==> flow/design.v <==
module my_shifter #(
  parameter DATA_WIDTH = 28,
  parameter LOGN = $clog2(DATA_WIDTH)
) (
  input  wire clk,
  input  wire i_rst_n,
  input  wire enable,
  input  wire [DATA_WIDTH-1:0] bus,
  input  wire [LOGN-1:0] n,
  input  wire [1:0] fn,
  output reg [DATA_WIDTH-1:0] data_out
);
  reg [DATA_WIDTH-1:0] bus_d1;
  reg [LOGN-1:0] n_d1;
  reg [1:0] fn_d1;
  always @(posedge clk or negedge i_rst_n) begin
    if (~i_rst_n) begin
      bus_d1 <= 0;
      n_d1 <= 0;
      fn_d1 <= 0;
    end else if (enable) begin
      bus_d1 <= bus;
      n_d1 <= n;
      fn_d1 <= fn;
    end
  end
  reg [DATA_WIDTH-1:0] tmp;
  always @(*) begin
    case (fn_d1)
      2'b00: tmp = bus_d1 << n_d1;
      2'b01: tmp = bus_d1 >> n_d1;
      2'b10: tmp = $signed(bus_d1) >>> n_d1;
      default: tmp = bus_d1;
    endcase
  end
  always @(posedge clk or negedge i_rst_n) begin
    if (~i_rst_n) begin
      data_out <= 0;
    end else if (enable) begin
      data_out <= tmp;
    end
  end
endmodule
* Step by step through the tools: my_shifter
Tool output for the design above, in the order of the flow.
Line numbers count from 1 in the design file above.
Operators: Yosys type, input widths -> output width; for muxes data width and select width s.
Not given: --
- Design top :: my_shifter
- Clock input :: clk
- Cell library :: sky130hd
- Timing corner :: tt_025C_1v80

* Elaborated design
Yosys after proc, flatten, opt, wreduce and memory -nomap, before mapping. Enables and synchronous resets that opt folds into registers are not counted as muxes. Memory bits, and registers merged into a memory's read port (data or address), are not among the register bits. Print and check cells are not counted. Equal cells are merged and count once.
- Reduce/logical cells :: 1
- Muxes and demuxes :: 1
- Equality and inequality tests :: 2
- Shift operators :: 3
** Operators by type and width (count)
- $pmux 28 s3 :: 1
- $shl 28x5->28 :: 1
- $shr 28x5->28 :: 1
- $sshr 28x5->28 :: 1
- $eq 2x1->1 const B :: 1
- $eq 2x2->1 const B :: 1
- $logic_not 2->1 :: 1
- Output and inout bits :: 28
- Register bits after elaboration :: 63
- Cells after elaboration :: 11

* Logic depth
Depth = most cells in a row (Yosys ltp): at word level without a register or memory, in the mapped netlist without a sequential cell, where the memories' decode and read muxes count.
- Word-level depth :: 2
- ABC_AREA :: 0
- Mapped depth :: 10

* Mapped cells and area
Source: synth_stat.txt of the flow (Yosys; design flattened, memories mapped). It holds for the ABC_AREA given above (unset counts as 0); a run with the other value may have another netlist.
- Chip area (Yosys) :: 6528.8 um^2
- Flip-flop cells :: 63
- Buffers :: 81
- Standard cells after synthesis :: 736
- Sequential part of the area :: 1576.5 um^2
** Cell types (count)
- sky130_fd_sc_hd__dfrtp_1 :: 63
- sky130_fd_sc_hd__mux2i_1 :: 59
- sky130_fd_sc_hd__mux4_2 :: 26
- sky130_fd_sc_hd__mux2_2 :: 47
- sky130_fd_sc_hd__nor2_1 :: 101
- sky130_fd_sc_hd__nand2_1 :: 73
- sky130_fd_sc_hd__o21ai_0 :: 48
- sky130_fd_sc_hd__mux4_1 :: 8
- sky130_fd_sc_hd__a21oi_1 :: 40
- sky130_fd_sc_hd__clkbuf_1 :: 39
- sky130_fd_sc_hd__a31oi_1 :: 19
- sky130_fd_sc_hd__buf_6 :: 10
- sky130_fd_sc_hd__o211ai_1 :: 15
- sky130_fd_sc_hd__clkbuf_8 :: 8
- sky130_fd_sc_hd__a211oi_1 :: 14
- sky130_fd_sc_hd__o221ai_1 :: 7
- sky130_fd_sc_hd__buf_2 :: 11
- sky130_fd_sc_hd__a211o_1 :: 6
Other cell types: 55; their cells: 142.

* Path before layout
Source: OpenSTA report_checks on the synthesized netlist (no wires, ideal clock, input and output delay 20% of the period each), path of least setup slack; recovery checks are left aside. Register names are those of the netlist, which keeps one name where synthesis merged equal registers.
- Kind :: register -> register
- From :: register n_d1[1]
- To :: register data_out[4]
- Path slack :: 0.479 ns
- Setup time :: 0.125 ns
- Period :: 2.39 ns
- Arrival :: 1.786 ns
- Driving pins on the path :: 8
- Data required time :: 2.265 ns
- Delay of the path :: 1.911 ns
- Period reached after synthesis :: 1.911 ns
"delay of the path" = arrival - input delay + setup time.
"driving pins on the path": output pins that drive a net of the path, with the launching flip-flop's if there is one; two outputs of one cell count as two.
"period reached after synthesis" is the clock period less the worst setup slack; recovery checks do not enter. This is arithmetic on one report: input and output delays are still those of the set period (20% each).
Between the ends stands the longest chain of elaborated cells between them, by number of cells; it is not shown to be the way that was timed. Of several equally long chains one is given.
Each line given opens the expression or statement behind the cell; cells for indexed reads and writes are added by Yosys, which also makes memories of some case tables.
- Cells stage by stage :: sky130_fd_sc_hd__dfrtp_1 sky130_fd_sc_hd__buf_6 sky130_fd_sc_hd__mux4_1 sky130_fd_sc_hd__mux2i_1 sky130_fd_sc_hd__nor2_1 sky130_fd_sc_hd__a211o_1 sky130_fd_sc_hd__a21oi_1 sky130_fd_sc_hd__o21ai_1
- Cells in the longest elaborated chain :: 2
** RTL lines, path post-synthesis
- start, declared :: line 14 : reg [LOGN-1:0] n_d1;
- start, assigned :: line 19 : n_d1 <= 0;
- start, assigned :: line 23 : n_d1 <= n;
- $sshr 28x5->28 :: line 32 : 2'b10: tmp = $signed(bus_d1) >>> n_d1;
- $pmux 28 s3 :: line 29 : case (fn_d1)
- end, assigned :: line 38 : data_out <= 0;
- end, assigned :: line 40 : data_out <= tmp;
- end, declared :: line 11 : output reg [DATA_WIDTH-1:0] data_out

* Worst path after layout
Path of least setup slack in the final report of stored run 1 (OpenROAD, finished layout, wires in). Where an end is a register, its clock arrival counts in the times.
- Kind :: register -> register
- From :: register n_d1[0]
- To :: register data_out[14]
- Setup time :: 0.11 ns
- Path slack :: -0.62 ns
- Arrival :: 2.54 ns
- Driving pins on the path :: 7
- Period :: 1.67 ns
- Data required time :: 1.92 ns
Between the ends stands the longest chain of elaborated cells between them, by number of cells; it is not shown to be the way that was timed. Of several equally long chains one is given.
- Cells stage by stage :: sky130_fd_sc_hd__dfrtp_2 sky130_fd_sc_hd__buf_6 sky130_fd_sc_hd__mux4_2 sky130_fd_sc_hd__o211ai_1 sky130_fd_sc_hd__o211a_1 sky130_fd_sc_hd__a311oi_1 sky130_fd_sc_hd__a221o_1
- Cells in the longest elaborated chain :: 2
** RTL lines, path after layout
- start, declared :: line 14 : reg [LOGN-1:0] n_d1;
- start, assigned :: line 19 : n_d1 <= 0;
- start, assigned :: line 23 : n_d1 <= n;
- $sshr 28x5->28 :: line 32 : 2'b10: tmp = $signed(bus_d1) >>> n_d1;
- $pmux 28 s3 :: line 29 : case (fn_d1)
- end, assigned :: line 38 : data_out <= 0;
- end, assigned :: line 40 : data_out <= tmp;
- end, declared :: line 11 : output reg [DATA_WIDTH-1:0] data_out

FLOW RESULTS
============

Top module my_shifter; platform sky130hd; tools Yosys and OpenROAD; 3 stored runs in no particular order. Input and output delays are each 20% of the period that was set; the output load is 0.01 pF.
"achieved clock period" is the run's clock period less its worst setup slack. It is reckoned from that one timing run; input and output delays stay at 20% of the period that was set.
By "worst path time" is meant the share of the clock period that the worst setup path is allowed (20% is reserved at inputs, 20% at outputs), minus its slack. Clock arrival times at its registers enter into it.
By "total power of the final layout" is meant OpenSTA's value without simulated activity: inputs other than the clock are taken to toggle once in ten clock periods, and the tool carries that through the logic.

** Stored run 1
- Settings :: period_ns=1.67; CORE_UTILIZATION=20; SETUP_SLACK_MARGIN=-0.1; PLACE_DENSITY=0.83; CORE_ASPECT_RATIO=1.19; CORE_MARGIN=10; CTS_CLUSTER_DIAMETER=38; MAX_ROUTING_LAYER=met4; CAP_MARGIN=20; SLEW_MARGIN=20
- Die footprint :: 40298.3 um^2
- Sum of negative setup slack :: -13.969 ns
- Total power of the final layout :: 9.779 mW
- Synthesized cell area :: 6528.8 um^2
- Utilization in the final report :: 0.347
- Setup slack of the worst path :: -0.623 ns
- Standard-cell area after routing :: 11224.5 um^2
- Achieved clock period :: 2.293 ns
- Worst path time :: 2.29 ns
- Critical path kind :: register -> register

** Stored run 2
- Settings :: period_ns=2.39; CAP_MARGIN=20; CORE_MARGIN=2; CORE_UTILIZATION=40; SLEW_MARGIN=20
- Die footprint :: 17359.4 um^2
- Sum of negative setup slack :: 0.000 ns
- Total power of the final layout :: 5.443 mW
- Synthesized cell area :: 6528.8 um^2
- Utilization in the final report :: 0.524
- Setup slack of the worst path :: 0.039 ns
- Standard-cell area after routing :: 8350.5 um^2
- Achieved clock period :: 2.351 ns
- Worst path time :: 2.35 ns
- Critical path kind :: register -> register

** Stored run 3
- Settings :: period_ns=1.27; CORE_UTILIZATION=23; SETUP_SLACK_MARGIN=-0.02; PLACE_DENSITY_LB_ADDON=0.17; CTS_CLUSTER_DIAMETER=76; CAP_MARGIN=40; MIN_ROUTING_LAYER=met2; CORE_MARGIN=2; SLEW_MARGIN=20
- Die footprint :: 29749.4 um^2
- Sum of negative setup slack :: -24.779 ns
- Total power of the final layout :: 12.795 mW
- Synthesized cell area :: 6528.8 um^2
- Utilization in the final report :: 0.391
- Setup slack of the worst path :: -0.967 ns
- Standard-cell area after routing :: 10882.9 um^2
- Achieved clock period :: 2.237 ns
- Worst path time :: 2.24 ns
- Critical path kind :: register -> register
